==> flow/design.v <==
module data_mux_mod #(
   parameter int WD = 10
) (
   input logic CLK,
   input logic aresetn,
   input logic [WD-1:0] d0,
   input logic [WD-1:0] d1,
   input logic [WD-1:0] d2,
   input logic [WD-1:0] d3,
   input logic [WD-1:0] d4,
   input logic [WD-1:0] d5,
   input logic [2:0] s,
   output logic [WD-1:0] z_o
);
   logic [WD-1:0] d0_ff;
   always_ff @(posedge CLK) begin
      if (~aresetn) begin
         d0_ff <= '0;
      end else begin
         d0_ff <= d0;
      end
   end
   logic [WD-1:0] d1_ff;
   always_ff @(posedge CLK) begin
      if (~aresetn) begin
         d1_ff <= '0;
      end else begin
         d1_ff <= d1;
      end
   end
   logic [WD-1:0] d2_ff;
   always_ff @(posedge CLK) begin
      if (~aresetn) begin
         d2_ff <= '0;
      end else begin
         d2_ff <= d2;
      end
   end
   logic [WD-1:0] d3_ff;
   always_ff @(posedge CLK) begin
      if (~aresetn) begin
         d3_ff <= '0;
      end else begin
         d3_ff <= d3;
      end
   end
   logic [WD-1:0] d4_ff;
   always_ff @(posedge CLK) begin
      if (~aresetn) begin
         d4_ff <= '0;
      end else begin
         d4_ff <= d4;
      end
   end
   logic [WD-1:0] d5_ff;
   always_ff @(posedge CLK) begin
      if (~aresetn) begin
         d5_ff <= '0;
      end else begin
         d5_ff <= d5;
      end
   end
   logic [2:0] s_ff;
   always_ff @(posedge CLK) begin
      if (~aresetn) begin
         s_ff <= '0;
      end else begin
         s_ff <= s;
      end
   end
   logic [WD-1:0] cur;
   always_comb begin
      case (s_ff)
         0: cur = d0_ff;
         1: cur = d1_ff;
         2: cur = d2_ff;
         3: cur = d3_ff;
         4: cur = d4_ff;
         default: cur = d5_ff;
      endcase
   end
   logic [WD-1:0] z_o_ff;
   always_ff @(posedge CLK) begin
      if (~aresetn) begin
         z_o_ff <= '0;
      end else begin
         z_o_ff <= cur;
      end
   end
   assign z_o = z_o_ff;
endmodule
Tool chain data of data_mux_mod
Tool output for the design above, in the order of the flow.
Lines are those of the file above, counted from 1.
Cell names lack the library's common part.
{"block": "design", "top_module": "data_mux_mod", "clock": "CLK", "library": "sky130hd", "lib_corner": "tt_025C_1v80"}

Elaborated design
Source: Yosys, flattened and elaborated, memories not mapped. Widths are those after wreduce; folded enables and synchronous resets count as part of the registers. Registers that Yosys merges into a memory's read port (data or address) are not register bits. Print and check cells do not count. Equal cells are merged and count once.
{"block": "bits", "regBits": 73, "latch_bits": 0, "ram_bits": 0, "mem_bits_ro": 0, "clocked_rd_ports_x_width": 0, "mem_count": 0, "inputBits": 65, "output_inout_bits": 10, "wordCells": 14}
{"block": "classes", "n_addsub": 0, "multipliers": 0, "n_div": 0, "compare": 0, "n_eq": 4, "shift": 0, "n_mux": 1, "logic": 0, "reduce_and_logical": 1}
{"block": "ops", "operator": "10-bit parallel mux with 5-bit select", "count": 1}
{"block": "ops", "operator": "3-bit by 2-bit equality test with 1-bit output (second input constant)", "count": 2}
{"block": "ops", "operator": "3-bit by 1-bit equality test with 1-bit output (second input constant)", "count": 1}
{"block": "ops", "operator": "3-bit equality test (second input constant)", "count": 1}
{"block": "ops", "operator": "3-bit logical NOT", "count": 1}

Depth
Yosys ltp: most cells in a row. Word level: on the elaborated netlist, between registers, memories and ports. Mapped: between sequential cells and ports; inverters and the memories' decode and read muxes count.
{"block": "depth", "depth_word": 2, "abc_area": 0, "ltp_mapped": 6, "mapped_depth_nobuf": 4}

Synthesis result
The flow's flattened synthesis, as Yosys stat reports it; memories are mapped. The netlist is that of the ABC_AREA named above (0 if unset); the other value can give another one.
Totals and module areas in this step are rounded.
{"block": "synth_totals", "stdcells": 228, "mapped_area_um2": 2500, "sequential_area_um2": 1500, "ffs": 73, "buffers": 15}
{"block": "types", "cell_type": "dfxtp_1", "count": 73, "type_area_um2": 1.46E+03}
{"block": "types", "cell_type": "and2_1", "count": 63, "type_area_um2": 394.128}
{"block": "types", "cell_type": "a21oi_1", "count": 14, "type_area_um2": 70.067}
{"block": "types", "cell_type": "mux2_2", "count": 5, "type_area_um2": 56.304}
{"block": "types", "cell_type": "o211a_1", "count": 5, "type_area_um2": 50.048}
{"block": "types", "cell_type": "a22oi_1", "count": 6, "type_area_um2": 45.043}
{"block": "types", "cell_type": "o21a_1", "count": 5, "type_area_um2": 37.536}
{"block": "types", "cell_type": "o22ai_1", "count": 6, "type_area_um2": 37.536}
{"block": "types", "cell_type": "o22a_1", "count": 4, "type_area_um2": 35.034}
{"block": "types", "cell_type": "clkbuf_1", "count": 8, "type_area_um2": 30.029}
{"block": "types", "cell_type": "o221ai_1", "count": 3, "type_area_um2": 26.275}
{"block": "types", "cell_type": "o21ai_0", "count": 5, "type_area_um2": 25.024}
{"block": "types", "cell_type": "buf_4", "count": 3, "type_area_um2": 22.522}
{"block": "types", "cell_type": "inv_1", "count": 5, "type_area_um2": 18.768}
{"block": "types", "cell_type": "nor2b_1", "count": 3, "type_area_um2": 18.768}
{"block": "types", "cell_type": "a221oi_2", "count": 1, "type_area_um2": 15.014}
{"block": "types", "cell_type": "buf_2", "count": 3, "type_area_um2": 15.014}
{"block": "types", "cell_type": "mux2_4", "count": 1, "type_area_um2": 15.014}
Not listed: further types 9, cells in them 15.

Timing after synthesis
Source: OpenSTA report_checks on the synthesized netlist (no wires, ideal clock, input and output delay 20% of the period each), path of least setup slack; recovery checks are left aside. Register names are those of the netlist, which keeps one name where synthesis merged equal registers.
{"block": "synth_timing", "kind": "flip-flop to flip-flop", "start": "register s_ff[0]", "end": "register z_o_ff[4]", "tclk_ns": 1.54, "setup_time_ns": 0.116, "t_first_pin_ns": 0.000, "arrival_time_ns": 1.114, "required_time_ns": 1.424, "setup_slack_ns": 0.310, "path_delay_ns": 1.230, "path_stages": 6, "n_path_buf": 1, "synth_period_reached_ns": 1.23}
"path_delay_ns" = arrival - input delay + setup time.
"path_stages" counts driving pins, that of a launching flip-flop among them; a cell with two outputs on the path counts twice.
"synth_period_reached_ns" is the clock period less the worst setup slack; recovery checks do not enter. This is arithmetic on one report: input and output delays are still those of the set period (20% each).
The rows between start and end are the longest chain of elaborated cells between them; the timing report does not say that the signal goes this way. Where chains are equally long, one stands for them.
Each line given opens the expression or statement behind the cell; cells for indexed reads and writes are added by Yosys, which also makes memories of some case tables.
{"block": "synth_between", "cell_sequence": "dfxtp_1 -> buf_6 -> mux2_4 -> o22ai_1 -> o21ai_1 -> o211a_1", "elab_chain_cells": 2, "cone_cells": 6, "lines_between": 1, "cone_classes": "eq/ne (4); mux (1); reduce/logical (1)"}
{"block": "synth_rtl", "element": "start: declaration", "line_no": 63, "rtl": "logic [2:0] s_ff;"}
{"block": "synth_rtl", "element": "start: assignment", "line_no": 66, "rtl": "s_ff <= '0;"}
{"block": "synth_rtl", "element": "start: assignment", "line_no": 68, "rtl": "s_ff <= s;"}
{"block": "synth_rtl", "element": "3-bit equality test", "line_no": 73, "rtl": "case (s_ff)"}
{"block": "synth_rtl", "element": "10-bit parallel mux with 5-bit select", "line_no": 73}
{"block": "synth_rtl", "element": "end: assignment", "line_no": 85, "rtl": "z_o_ff <= '0;"}
{"block": "synth_rtl", "element": "end: assignment", "line_no": 87, "rtl": "z_o_ff <= cur;"}
{"block": "synth_rtl", "element": "end: declaration", "line_no": 82, "rtl": "logic [WD-1:0] z_o_ff;"}

Path in the finished layout
Path of least setup slack in the final report of entry A (OpenROAD, finished layout, wires in). Where an end is a register, its clock arrival counts in the times.
{"block": "layout_timing", "kind": "flip-flop to output port", "start": "register z_o_ff[8]", "end": "output port z_o[8]", "tclk_ns": 1.54, "output_delay_ns": 0.31, "t_first_pin_ns": 0.33, "arrival_time_ns": 1.18, "required_time_ns": 1.23, "setup_slack_ns": 0.05, "path_stages": 2, "n_path_buf": 1}
{"block": "layout_between", "cell_sequence": "dfxtp_1 -> clkdlybuf4s50_1", "elab_chain_cells": 0, "cone_cells": 0, "lines_between": 0}
{"block": "layout_rtl", "element": "start: declaration", "line_no": 82, "rtl": "logic [WD-1:0] z_o_ff;"}
{"block": "layout_rtl", "element": "start: assignment", "line_no": 85, "rtl": "z_o_ff <= '0;"}
{"block": "layout_rtl", "element": "start: assignment", "line_no": 87, "rtl": "z_o_ff <= cur;"}
{"block": "layout_rtl", "element": "end: declaration", "line_no": 13, "rtl": "output logic [WD-1:0] z_o"}

Flow measurements of data_mux_mod on sky130hd: 3 stored runs with different settings, listed in no order. Input and output delays are each 20% of the period that was set; the output load is 0.01 pF.
"period_reached_ns" = clock period - worst setup slack. The figure is calculated, with input and output delays left at 20% of the set period.
"worst_path_ns": the worst setup path's part of the clock period (all of it between registers, 20% less for each end at a port) less its slack. A launch clock that arrives late makes it longer, a capture clock that arrives late makes it shorter.
"fin_power_mw" rests on the timing tool's default activity at the inputs, not on a simulated workload.
Results are given in rounded form.

{"run": "entry A", "settings": { "period_ns": 1.54, "CAP_MARGIN": 20, "CORE_MARGIN": 2, "CORE_UTILIZATION": 40, "SLEW_MARGIN": 20 }, "results": { "worst_path_ns": 1.18, "critical_path_kind": "flip-flop to output port", "layout_utilization_pct": 59, "setupTns_ns": 0.000, "final_hold_ws_ns": 0.41, "fin_power_mw": 4.0, "ys_area_um2": 2500, "stdcell_area_um2": 3500, "design.die.area_um2": 6800, "period_reached_ns": 1.485, "setup_ws_ns": 0.055 }}
{"run": "entry B", "settings": { "period_ns": 1.27, "CORE_UTILIZATION": 43, "SETUP_SLACK_MARGIN": 0.15, "PLACE_DENSITY": 0.67, "GPL_ROUTABILITY_DRIVEN": 1, "CTS_CLUSTER_SIZE": 55, "CAP_MARGIN": 20, "CORE_MARGIN": 2, "SLEW_MARGIN": 20 }, "results": { "worst_path_ns": 1.23, "critical_path_kind": "flip-flop to flip-flop", "layout_utilization_pct": 68, "setupTns_ns": 0.000, "final_hold_ws_ns": 0.37, "fin_power_mw": 4.9, "ys_area_um2": 2500, "stdcell_area_um2": 3700, "design.die.area_um2": 6300, "period_reached_ns": 1.226, "setup_ws_ns": 0.044 }}
{"run": "entry C", "settings": { "period_ns": 0.744, "CORE_UTILIZATION": 27, "SETUP_SLACK_MARGIN": -0.01, "PLACE_DENSITY_LB_ADDON": 0.24, "CORE_MARGIN": 6, "CTS_CLUSTER_DIAMETER": 181, "CAP_MARGIN": 5, "MAX_ROUTING_LAYER": "met4", "SLEW_MARGIN": 20 }, "results": { "worst_path_ns": 1.26, "critical_path_kind": "flip-flop to flip-flop", "layout_utilization_pct": 45, "setupTns_ns": -6.4, "final_hold_ws_ns": 0.10, "fin_power_mw": 9.7, "ys_area_um2": 2500, "stdcell_area_um2": 3900, "design.die.area_um2": 12000, "period_reached_ns": 1.263, "setup_ws_ns": -0.52 }}
